==> flow/design.v <==
module dp_mplex #(
   parameter int DATA_WIDTH = 2
) (
   input logic aclk,
   input logic resetn,
   input logic [DATA_WIDTH-1:0] src0,
   input logic [DATA_WIDTH-1:0] src1,
   input logic [DATA_WIDTH-1:0] src2,
   input logic [DATA_WIDTH-1:0] src3,
   input logic [DATA_WIDTH-1:0] src4,
   input logic [DATA_WIDTH-1:0] src5,
   input logic [DATA_WIDTH-1:0] src6,
   input logic [DATA_WIDTH-1:0] src7,
   input logic [DATA_WIDTH-1:0] src8,
   input logic [DATA_WIDTH-1:0] src9,
   input logic [8:0] s,
   output logic [DATA_WIDTH-1:0] data_out
);
   logic [DATA_WIDTH-1:0] src0_r;
   logic [DATA_WIDTH-1:0] src1_r;
   logic [DATA_WIDTH-1:0] src2_r;
   logic [DATA_WIDTH-1:0] src3_r;
   logic [DATA_WIDTH-1:0] src4_r;
   logic [DATA_WIDTH-1:0] src5_r;
   logic [DATA_WIDTH-1:0] src6_r;
   logic [DATA_WIDTH-1:0] src7_r;
   logic [DATA_WIDTH-1:0] src8_r;
   logic [DATA_WIDTH-1:0] src9_r;
   logic [8:0] s_r;
   always_ff @(posedge aclk) begin
      if (~resetn) begin
         src0_r <= 0;
         src1_r <= 0;
         src2_r <= 0;
         src3_r <= 0;
         src4_r <= 0;
         src5_r <= 0;
         src6_r <= 0;
         src7_r <= 0;
         src8_r <= 0;
         src9_r <= 0;
         s_r <= 0;
      end else begin
         src0_r <= src0;
         src1_r <= src1;
         src2_r <= src2;
         src3_r <= src3;
         src4_r <= src4;
         src5_r <= src5;
         src6_r <= src6;
         src7_r <= src7;
         src8_r <= src8;
         src9_r <= src9;
         s_r <= s;
      end
   end
   logic [DATA_WIDTH-1:0] work;
   always_comb begin
      casez (s_r)
         9'b????????1: work = src0_r;
         9'b???????10: work = src1_r;
         9'b??????100: work = src2_r;
         9'b?????1000: work = src3_r;
         9'b????10000: work = src4_r;
         9'b???100000: work = src5_r;
         9'b??1000000: work = src6_r;
         9'b?10000000: work = src7_r;
         9'b100000000: work = src8_r;
         default: work = src9_r;
      endcase
   end
   always_ff @(posedge aclk) begin
      if (~resetn) begin
         data_out <= 0;
      end else begin
         data_out <= work;
      end
   end
endmodule
### From RTL to reports: dp_mplex

The steps from the RTL of dp_mplex to its reports follow in flow order.
Line numbers count from 1 in the design file above.
Cell names lack the library's common part.
A cell with - has no value.

| inputs | value |
|---|---|
| top module | dp_mplex |
| clock input | aclk |
| library | sky130hd |
| corner | tt_025C_1v80 |

### After elaboration

Counts by Yosys on the flattened word-level netlist (proc, flatten, opt, wreduce; memories kept). Register bits leave out memories and registers merged into their read ports (data or address); mux counts leave out enables and synchronous resets folded into registers. Print and check cells are left out. Cells with the same type and inputs are merged into one.

| operators by class | value |
|---|---|
| $lt $le $gt $ge | 0 |
| multiplexer cells | 1 |
| multiply operators | 0 |
| eq/ne operators | 8 |
| shift-type cells | 0 |
| bitwise logic cells | 0 |
| add/sub/neg operators | 0 |
| reductions and logical operators | 0 |
| divide/modulo/power cells | 0 |

Operator list:

| operator | number |
|---|---|
| case mux 2 bit (select 9 bit) | 1 |
| == test 9 bit (second input constant) | 1 |
| == test 8 bit (second input constant) | 1 |
| == test 7 bit (second input constant) | 1 |
| == test 6 bit (second input constant) | 1 |
| == test 5 bit (second input constant) | 1 |
| == test 4 bit (second input constant) | 1 |
| == test 3 bit (second input constant) | 1 |
| == test 2 bit (second input constant) | 1 |

| word-level totals | value |
|---|---|
| elaborated cells | 21 |
| flip-flop bits (word level) | 31 |
| memory bits (read-only) | 0 |
| output and inout port bits | 2 |
| memory cells | 0 |
| latch bits | 0 |
| RAM bits | 0 |
| clocked read ports x word width | 0 |
| bits of input ports | 31 |

### Logic depth

Yosys ltp: most cells in a row. Word level: on the elaborated netlist, between registers, memories and ports. Mapped: between sequential cells and ports; inverters and the memories' decode and read muxes count.

| logic depth | value |
|---|---|
| depth in word-level cells | 2 |
| ABC_AREA | 0 |
| gate-level depth with buffers | 4 |
| depth with buffers taken out | 4 |

### Mapped cells and area

Yosys stat after the flow's synthesis: flattened, memories mapped to cells. It holds for the ABC_AREA given above (unset counts as 0); a run with the other value may have another netlist.
The area totals of this step are shown rounded.

Cells by type:

| type | number | total area (um^2) |
|---|---|---|
| dfxtp_1 | 31 | 620.595 |
| and2_1 | 29 | 181.424 |
| nor2b_1 | 6 | 37.536 |
| a221oi_1 | 4 | 35.034 |
| o221a_1 | 2 | 22.522 |
| o32ai_1 | 2 | 17.517 |
| a22oi_1 | 2 | 15.014 |
| nand2b_1 | 2 | 12.512 |
| clkbuf_1 | 3 | 11.261 |
| a21oi_1 | 2 | 10.01 |
| nand3_1 | 2 | 10.01 |
| nor3_2 | 1 | 10.01 |
| nand4b_1 | 1 | 8.758 |
| nor2b_2 | 1 | 8.758 |
| nor2_2 | 1 | 6.256 |
| or3_1 | 1 | 6.256 |
| nor3_1 | 1 | 5.005 |
| nand2_1 | 1 | 3.754 |

| mapped netlist | value |
|---|---|
| flip-flops | 31 |
| cell count | 92 |
| buffer cells | 3 |
| sequential area | 621 um^2 |
| cell area after synthesis | 1020 um^2 |

### Timing after synthesis

Path of least setup slack by OpenSTA after synthesis, without wires, with an ideal clock, recovery checks aside; 20% of the period is set as input and as output delay. Where synthesis merged equal registers, the netlist keeps one of their names.

| path after synthesis | value |
|---|---|
| path kind | register to register |
| start | register s_r[1] |
| end | register data_out[0] |
| slack | 0.285 ns |
| time at the first pin | 0.000 ns |
| stages | 5 |
| buffers on the path | 0 |
| required time | 1.291 ns |
| path delay | 1.126 ns |
| clock period | 1.41 ns |
| setup time | 0.119 ns |
| arrival | 1.007 ns |
| period reached after synthesis | 1.125 ns |

"path delay" is the arrival time less input delay plus setup time.
"stages": output pins that drive a net of the path, with the launching flip-flop's if there is one; two outputs of one cell count as two.
"period reached after synthesis" = period - worst setup slack (recovery checks aside). The figure is calculated, with input and output delays left at 20% of the set period.
The rows between start and end are the longest chain of elaborated cells between them; the timing report does not say that the signal goes this way. Where chains are equally long, one stands for them.
Each line given opens the expression or statement behind the cell; cells for indexed reads and writes are added by Yosys, which also makes memories of some case tables.

| on the way, after synthesis | value |
|---|---|
| cells stage by stage | dfxtp_1 -> nor2b_1 -> a221oi_1 -> o32ai_1 -> o221a_1 |
| length of the longest elaborated chain | 2 |
| elaborated cells on any way between the ends | 9 |
| source lines of those cells | 1 |
| classes of those cells | 8 x eq/ne; 1 x mux |

RTL lines, path after synthesis:

| item | line | source |
|---|---|---|
| start: declaration | 29 | `logic [8:0] s_r;` |
| start: assignment | 42 | `s_r <= 0;` |
| start: assignment | 54 | `s_r <= s;` |
| == test 9 bit | 59 | `casez (s_r)` |
| case mux 2 bit (select 9 bit) | 59 |  |
| end: assignment | 74 | `data_out <= 0;` |
| end: assignment | 76 | `data_out <= work;` |
| end: declaration | 17 | `output logic [DATA_WIDTH-1:0] data_out` |

### Path in the finished layout

From the final timing report of record 1: the path of least setup slack in the routed layout; clock arrival at registers is part of the times.

| path after layout | value |
|---|---|
| path kind | register to register |
| start | register s_r[1] |
| end | register data_out[0] |
| buffers on the path | 0 |
| stages | 5 |
| slack | 0.18 ns |
| setup time | 0.05 ns |
| required time | 1.67 ns |
| clock period | 1.41 ns |
| time at the first pin | 0.31 ns |
| arrival | 1.50 ns |

The rows between start and end are the longest chain of elaborated cells between them; the timing report does not say that the signal goes this way. Where chains are equally long, one stands for them.

| on the way, after layout | value |
|---|---|
| cells stage by stage | dfxtp_1 -> nor3_2 -> nand2_1 -> o32ai_1 -> o221a_1 |
| length of the longest elaborated chain | 2 |
| elaborated cells on any way between the ends | 9 |
| source lines of those cells | 1 |
| classes of those cells | 8 x eq/ne; 1 x mux |

RTL lines, path after layout:

| item | line | source |
|---|---|---|
| start: declaration | 29 | `logic [8:0] s_r;` |
| start: assignment | 42 | `s_r <= 0;` |
| start: assignment | 54 | `s_r <= s;` |
| == test 9 bit | 59 | `casez (s_r)` |
| case mux 2 bit (select 9 bit) | 59 |  |
| end: assignment | 74 | `data_out <= 0;` |
| end: assignment | 76 | `data_out <= work;` |
| end: declaration | 17 | `output logic [DATA_WIDTH-1:0] data_out` |

Subject: dp_mplex on sky130hd, stored results

Hello all,

Record of 3 stored runs of the RTL-to-layout flow on dp_mplex, platform sky130hd. The runs are unordered. Constraints: input delay and output delay 20% of the set period each, output load 0.01 pF.
"clock period reached" means the clock period less the worst setup slack. The figure is calculated, with input and output delays left at 20% of the set period.
"worst setup path time" = time allowed to the worst setup path (clock period - input delay - output delay, where it has them) - its slack; a late launch clock adds to it, a late capture clock takes from it.
"total design power": no workload was simulated; the value follows from the tool's default switching activity.
The results are shown rounded.
A setting shown as . is not set for that run.
Among the results, . means that no value is shown for the run.

| run name | period_ns | CAP_MARGIN | CORE_MARGIN | CORE_UTILIZATION | SLEW_MARGIN | SETUP_SLACK_MARGIN | PLACE_DENSITY_LB_ADDON | CELL_PAD_IN_SITES_GLOBAL_PLACEMENT | MIN_ROUTING_LAYER | HOLD_SLACK_MARGIN | CORE_ASPECT_RATIO | CELL_PAD_IN_SITES_DETAIL_PLACEMENT | GPL_TIMING_DRIVEN | CTS_CLUSTER_DIAMETER | worst setup slack after layout (ns) | standard-cell area after layout (um^2) | total design power (µW) | worst setup path time (ns) | kind of the worst setup path | worst-case hold slack (ns) | utilization of the finished layout (%) | total negative slack (ns) | clock period reached (ns) | Yosys chip area after synthesis (um^2) | area inside the die boundary (um^2) |
|---|---|---|---|---|---|---|---|---|---|---|---|---|---|---|---|---|---|---|---|---|---|---|---|---|---|
| record 1 | 1.41 | 20 | 2 | 40 | 20 | . | . | . | . | . | . | . | . | . | 0.179 | 1440 | 1630 | 1.23 | register to register | 0.519 | 58.6 | 0.000 | 1.231 | 1020 | 2980 |
| record 2 | 1.15 | 10 | 2 | 42 | 30 | 0.28 | 0.05 | 2 | met2 | . | . | . | . | . | -0.060 | 1560 | 2060 | 1.21 | register to register | 0.261 | 69.0 | -0.105 | 1.210 | 1020 | 2840 |
| record 3 | 1.36 | 20 | 2 | 62 | 20 | 0.09 | 0.05 | . | . | 0.25 | 1.53 | 2 | 1 | 108 | . | . | . | . | . | . | . | . | . | . | . |

Record 3: no results, placement failed with DPL-0033

Thanks
